==> flow/design.v <==
module sync_add_unit #(
  parameter DATA_WIDTH = 36
) (
  input logic clk_i,
  input logic rst,
  input logic valid,
  input logic [DATA_WIDTH-1:0] arg0,
  input logic [DATA_WIDTH-1:0] arg1,
  input logic cy_in,
  output logic [DATA_WIDTH-1:0] result,
  output logic carry_out
);
  logic [DATA_WIDTH-1:0] arg0_s;
  logic [DATA_WIDTH-1:0] arg1_s;
  logic cy_in_s;
  logic [DATA_WIDTH-1:0] val;
  logic [DATA_WIDTH:0] carry;
  assign carry[0] = cy_in_s;
  generate
    for (genvar i = 0; i < DATA_WIDTH; i++) begin : g_bit
      assign val[i] = arg0_s[i] ^ arg1_s[i] ^ carry[i];
      assign carry[i+1] = (arg0_s[i] & arg1_s[i]) | (carry[i] & (arg0_s[i] ^ arg1_s[i]));
    end
  endgenerate
  always_ff @(posedge clk_i or posedge rst) begin
    if (rst) begin
      arg0_s <= 0;
      arg1_s <= 0;
      cy_in_s <= 1'b0;
      result <= 0;
      carry_out <= 1'b0;
    end else if (valid) begin
      arg0_s <= arg0;
      arg1_s <= arg1;
      cy_in_s <= cy_in;
      result <= val;
      carry_out <= carry[DATA_WIDTH];
    end
  end
endmodule
Tool chain data of sync_add_unit
What the tools print for sync_add_unit, step after step.
Line numbers count from 1 in the design file above.
Operators: Yosys type, input widths -> output width; for muxes data width and select width s.
Cell names lack the library's common part.
The mark n/a stands for no value.
- design top: sync_add_unit
- clock: clk_i
- standard-cell library: sky130hd
- corner: tt_025C_1v80

Word level
Yosys after proc, flatten, opt, wreduce and memory -nomap, before mapping. Enables and synchronous resets that opt folds into registers are not counted as muxes. Memory bits, and registers merged into a memory's read port (data or address), are not among the register bits. Print and check cells are not counted. Equal cells are merged and count once.
- noted register bits after elaboration: 110
- elaborated cells at 185
- bitwise operators: 180
- operators with widths (kind ; count):
    $and 1x1->1 ; 72
    $xor 1x1->1 ; 72
    $or 1x1->1 ; 36

Logic depth
Yosys ltp: most cells in a row. Word level: on the elaborated netlist, between registers, memories and ports. Mapped: between sequential cells and ports; inverters and the memories' decode and read muxes count.
- noted depth after elaboration: 73
- ABC_AREA at 0
- noted mapped depth: 40

After synthesis
Yosys stat after the flow's synthesis: flattened, memories mapped to cells. It holds for the ABC_AREA given above (unset counts as 0); a run with the other value may have another netlist.
Totals and module areas in this step are rounded.
- cells by type (cell type ; count):
    dfrtp_1 ; 110
    mux2_2 ; 65
    fa_1 ; 36
    mux2_4 ; 38
    buf_6 ; 6
    inv_1 ; 10
    buf_2 ; 7
    mux2i_1 ; 2
    o21ai_0 ; 4
    nand2_1 ; 4
    a21oi_1 ; 1
    nor2_1 ; 1
- mapped flip-flops at 110
- chip area (Yosys) at 0.005 mm2
- mapped cells: 284

Timing after synthesis
Source: OpenSTA report_checks on the synthesized netlist (no wires, ideal clock, input and output delay 20% of the period each), path of least setup slack; recovery checks are left aside. Register names are those of the netlist, which keeps one name where synthesis merged equal registers.
- path kind: register to register
- start point: register arg0_s[0]
- end point: register result[35]
- data required time: 17.621 ns
- setup time at 0.079 ns
- buffers on the path: 0
- clock period at 17.7 ns
- noted driving pins on the path: 41
- arrival time at 14.109 ns
- launch time at the first pin: 0.000 ns
- noted delay of the path: 14.188 ns
- slack: 3.512 ns
- synthesis period reached at 14.188 ns
"delay of the path" = arrival - input delay + setup time.
"driving pins on the path": output pins that drive a net of the path, with the launching flip-flop's if there is one; two outputs of one cell count as two.
"synthesis period reached" is the clock period less the worst setup slack; recovery checks do not enter. This is arithmetic on one report: input and output delays are still those of the set period (20% each).
Between the ends stands the longest chain of elaborated cells between them, by number of cells; it is not shown to be the way that was timed. Of several equally long chains one is given.
Each line given opens the expression or statement behind the cell; cells for indexed reads and writes are added by Yosys, which also makes memories of some case tables.
- cell sequence: dfrtp_1 -> fa_1 -> fa_1 -> fa_1 -> fa_1 -> fa_1 -> fa_1 -> fa_1 -> fa_1 -> fa_1 -> fa_1 -> fa_1 -> fa_1 -> fa_1 -> fa_1 -> fa_1 -> fa_1 -> fa_1 -> (+5 left out) -> fa_1 -> fa_1 -> fa_1 -> fa_1 -> fa_1 -> fa_1 -> fa_1 -> fa_1 -> fa_1 -> fa_1 -> fa_1 -> inv_1 -> fa_1 -> inv_1 -> fa_1 -> inv_1 -> fa_1 -> mux2i_1
- length of the longest elaborated chain: 72
- elaborated cells between the ends (all ways): 73
- classes of those cells: logic: 73
- RTL lines, path after synthesis (what ; RTL line ; text):
    start: declaration ; 13 ; logic [DATA_WIDTH-1:0] arg0_s;
    start: assignment ; 27 ; arg0_s <= 0;
    start: assignment ; 33 ; arg0_s <= arg0;
    $xor 1x1->1 ; 22 ; assign carry[i+1] = (arg0_s[i] & arg1_s[i]) | (carry[i] & (arg0_s[i] ^ arg1_s[i]));
    $and 1x1->1 ; 22 ;
    $or 1x1->1 ; 22 ;
    $and 1x1->1 ; 22 ;
    $or 1x1->1 ; 22 ;
    $and 1x1->1 ; 22 ;
    $or 1x1->1 ; 22 ;
    (+58 left out) ; n/a ;
    $and 1x1->1 ; 22 ;
    $or 1x1->1 ; 22 ;
    $and 1x1->1 ; 22 ;
    $or 1x1->1 ; 22 ;
    $and 1x1->1 ; 22 ;
    $or 1x1->1 ; 22 ;
    $xor 1x1->1 ; 21 ; assign val[i] = arg0_s[i] ^ arg1_s[i] ^ carry[i];
    end: assignment ; 30 ; result <= 0;
    end: assignment ; 36 ; result <= val;
    end: declaration ; 10 ; output logic [DATA_WIDTH-1:0] result,

Worst path after layout
From the final timing report of flow run A: the path of least setup slack in the routed layout; clock arrival at registers is part of the times.
- path kind: register to register
- start point: register arg0_s[0]
- end point: register result[35]
- launch time at the first pin: 0.35 ns
- clock period at 17.7 ns
- noted driving pins on the path: 41
- buffers on the path: 0
- slack: 2.77 ns
- setup time at 0.08 ns
- arrival time at 15.20 ns
- data required time: 17.97 ns
Between the ends stands the longest chain of elaborated cells between them, by number of cells; it is not shown to be the way that was timed. Of several equally long chains one is given.
- cell sequence: dfrtp_1 -> fa_1 -> fa_1 -> fa_1 -> fa_1 -> fa_1 -> fa_1 -> fa_1 -> fa_1 -> fa_1 -> fa_1 -> fa_1 -> fa_1 -> fa_1 -> fa_1 -> fa_1 -> fa_1 -> fa_1 -> (+5 left out) -> fa_1 -> fa_1 -> fa_1 -> fa_1 -> fa_1 -> fa_1 -> fa_1 -> fa_1 -> fa_1 -> fa_1 -> fa_1 -> inv_1 -> fa_1 -> inv_1 -> fa_1 -> inv_1 -> fa_1 -> mux2i_1
- length of the longest elaborated chain: 72
- elaborated cells between the ends (all ways): 73
- classes of those cells: logic: 73
- RTL lines, path after layout (what ; RTL line ; text):
    start: declaration ; 13 ; logic [DATA_WIDTH-1:0] arg0_s;
    start: assignment ; 27 ; arg0_s <= 0;
    start: assignment ; 33 ; arg0_s <= arg0;
    $xor 1x1->1 ; 22 ; assign carry[i+1] = (arg0_s[i] & arg1_s[i]) | (carry[i] & (arg0_s[i] ^ arg1_s[i]));
    $and 1x1->1 ; 22 ;
    $or 1x1->1 ; 22 ;
    $and 1x1->1 ; 22 ;
    $or 1x1->1 ; 22 ;
    $and 1x1->1 ; 22 ;
    $or 1x1->1 ; 22 ;
    (+58 left out) ; n/a ;
    $and 1x1->1 ; 22 ;
    $or 1x1->1 ; 22 ;
    $and 1x1->1 ; 22 ;
    $or 1x1->1 ; 22 ;
    $and 1x1->1 ; 22 ;
    $or 1x1->1 ; 22 ;
    $xor 1x1->1 ; 21 ; assign val[i] = arg0_s[i] ^ arg1_s[i] ^ carry[i];
    end: assignment ; 30 ; result <= 0;
    end: assignment ; 36 ; result <= val;
    end: declaration ; 10 ; output logic [DATA_WIDTH-1:0] result,

Module sync_add_unit, platform sky130hd: 3 stored runs of the flow (Yosys, OpenROAD) with differing settings, in no particular order. Input and output delays are each 20% of the period that was set; the output load is 0.01 pF.
"overall power": no workload was simulated; the value follows from the tool's default switching activity.
The measured numbers are rounded.

Flow run A

==> flow/run.sh <==
#!/bin/bash
# the make line also repeats the synthesis and layout settings of config.mk as NAME=value (left out here)
make -C /OpenROAD-flow-scripts/flow DESIGN_CONFIG=/design/flow/config.mk WORK_HOME=/design/flow/orfs CLKGATE_MAP_FILE= finish
==> flow/config.mk <==
export PLATFORM = sky130hd
export DESIGN_NAME = sync_add_unit
export DESIGN_NICKNAME = sync_add_unit
export VERILOG_FILES = /design/flow/design.v
export SDC_FILE = /design/flow/constraint.sdc
export NUM_CORES = 4
export LEC_CHECK = 0
export CAP_MARGIN = 20
export CORE_MARGIN = 2
export CORE_UTILIZATION = 40
export SLEW_MARGIN = 20
==> flow/constraint.sdc <==
create_clock -name core_clock -period 17.7 [get_ports {clk_i}]
set_input_delay 3.5400 -clock core_clock [delete_from_list [all_inputs] [get_ports {clk_i}]]
set_output_delay 3.5400 -clock core_clock [all_outputs]
set_load 0.01 [all_outputs]

Measured in flow run A:
- overall power at 0.75 mW
- worst setup slack after layout: 2.8 ns
- die outline area at 0.013 mm2
- noted the chip area after synthesis (Yosys): 0.005 mm2
- noted the utilization: 0.54

Flow run B

==> flow/run.sh <==
#!/bin/bash
# the make line also repeats the synthesis and layout settings of config.mk as NAME=value (left out here)
make -C /OpenROAD-flow-scripts/flow DESIGN_CONFIG=/design/flow/config.mk WORK_HOME=/design/flow/orfs CLKGATE_MAP_FILE= finish
==> flow/config.mk <==
export PLATFORM = sky130hd
export DESIGN_NAME = sync_add_unit
export DESIGN_NICKNAME = sync_add_unit
export VERILOG_FILES = /design/flow/design.v
export SDC_FILE = /design/flow/constraint.sdc
export NUM_CORES = 4
export LEC_CHECK = 0
export CAP_MARGIN = 20
export CELL_PAD_IN_SITES_DETAIL_PLACEMENT = 2
export CORE_MARGIN = 2
export CORE_UTILIZATION = 64
export CTS_CLUSTER_DIAMETER = 143
export CTS_CLUSTER_SIZE = 70
export MIN_ROUTING_LAYER = met2
export SLEW_MARGIN = 25
==> flow/constraint.sdc <==
create_clock -name core_clock -period 19.4 [get_ports {clk_i}]
set_input_delay 3.8800 -clock core_clock [delete_from_list [all_inputs] [get_ports {clk_i}]]
set_output_delay 3.8800 -clock core_clock [all_outputs]
set_load 0.01 [all_outputs]

Flow run B: no results, placement failed with DPL-0033.

Flow run C

==> flow/run.sh <==
#!/bin/bash
# the make line also repeats the synthesis and layout settings of config.mk as NAME=value (left out here)
make -C /OpenROAD-flow-scripts/flow DESIGN_CONFIG=/design/flow/config.mk WORK_HOME=/design/flow/orfs CLKGATE_MAP_FILE= finish
==> flow/config.mk <==
export PLATFORM = sky130hd
export DESIGN_NAME = sync_add_unit
export DESIGN_NICKNAME = sync_add_unit
export VERILOG_FILES = /design/flow/design.v
export SDC_FILE = /design/flow/constraint.sdc
export NUM_CORES = 4
export LEC_CHECK = 0
export ABC_AREA = 0
export CAP_MARGIN = 20
export CELL_PAD_IN_SITES_GLOBAL_PLACEMENT = 1
export CORE_ASPECT_RATIO = 1.53
export CORE_MARGIN = 3
export CORE_UTILIZATION = 54
export HOLD_SLACK_MARGIN = 0.05
export PLACE_DENSITY = 0.83
export SLEW_MARGIN = 20
export TNS_END_PERCENT = 40
==> flow/constraint.sdc <==
create_clock -name core_clock -period 21.3 [get_ports {clk_i}]
set_input_delay 4.2600 -clock core_clock [delete_from_list [all_inputs] [get_ports {clk_i}]]
set_output_delay 4.2600 -clock core_clock [all_outputs]
set_load 0.01 [all_outputs]

Measured in flow run C:
- overall power at 0.66 mW
- worst setup slack after layout: 6.5 ns
- die outline area at 0.01 mm2
- noted the chip area after synthesis (Yosys): 0.005 mm2
- noted the utilization: 0.74
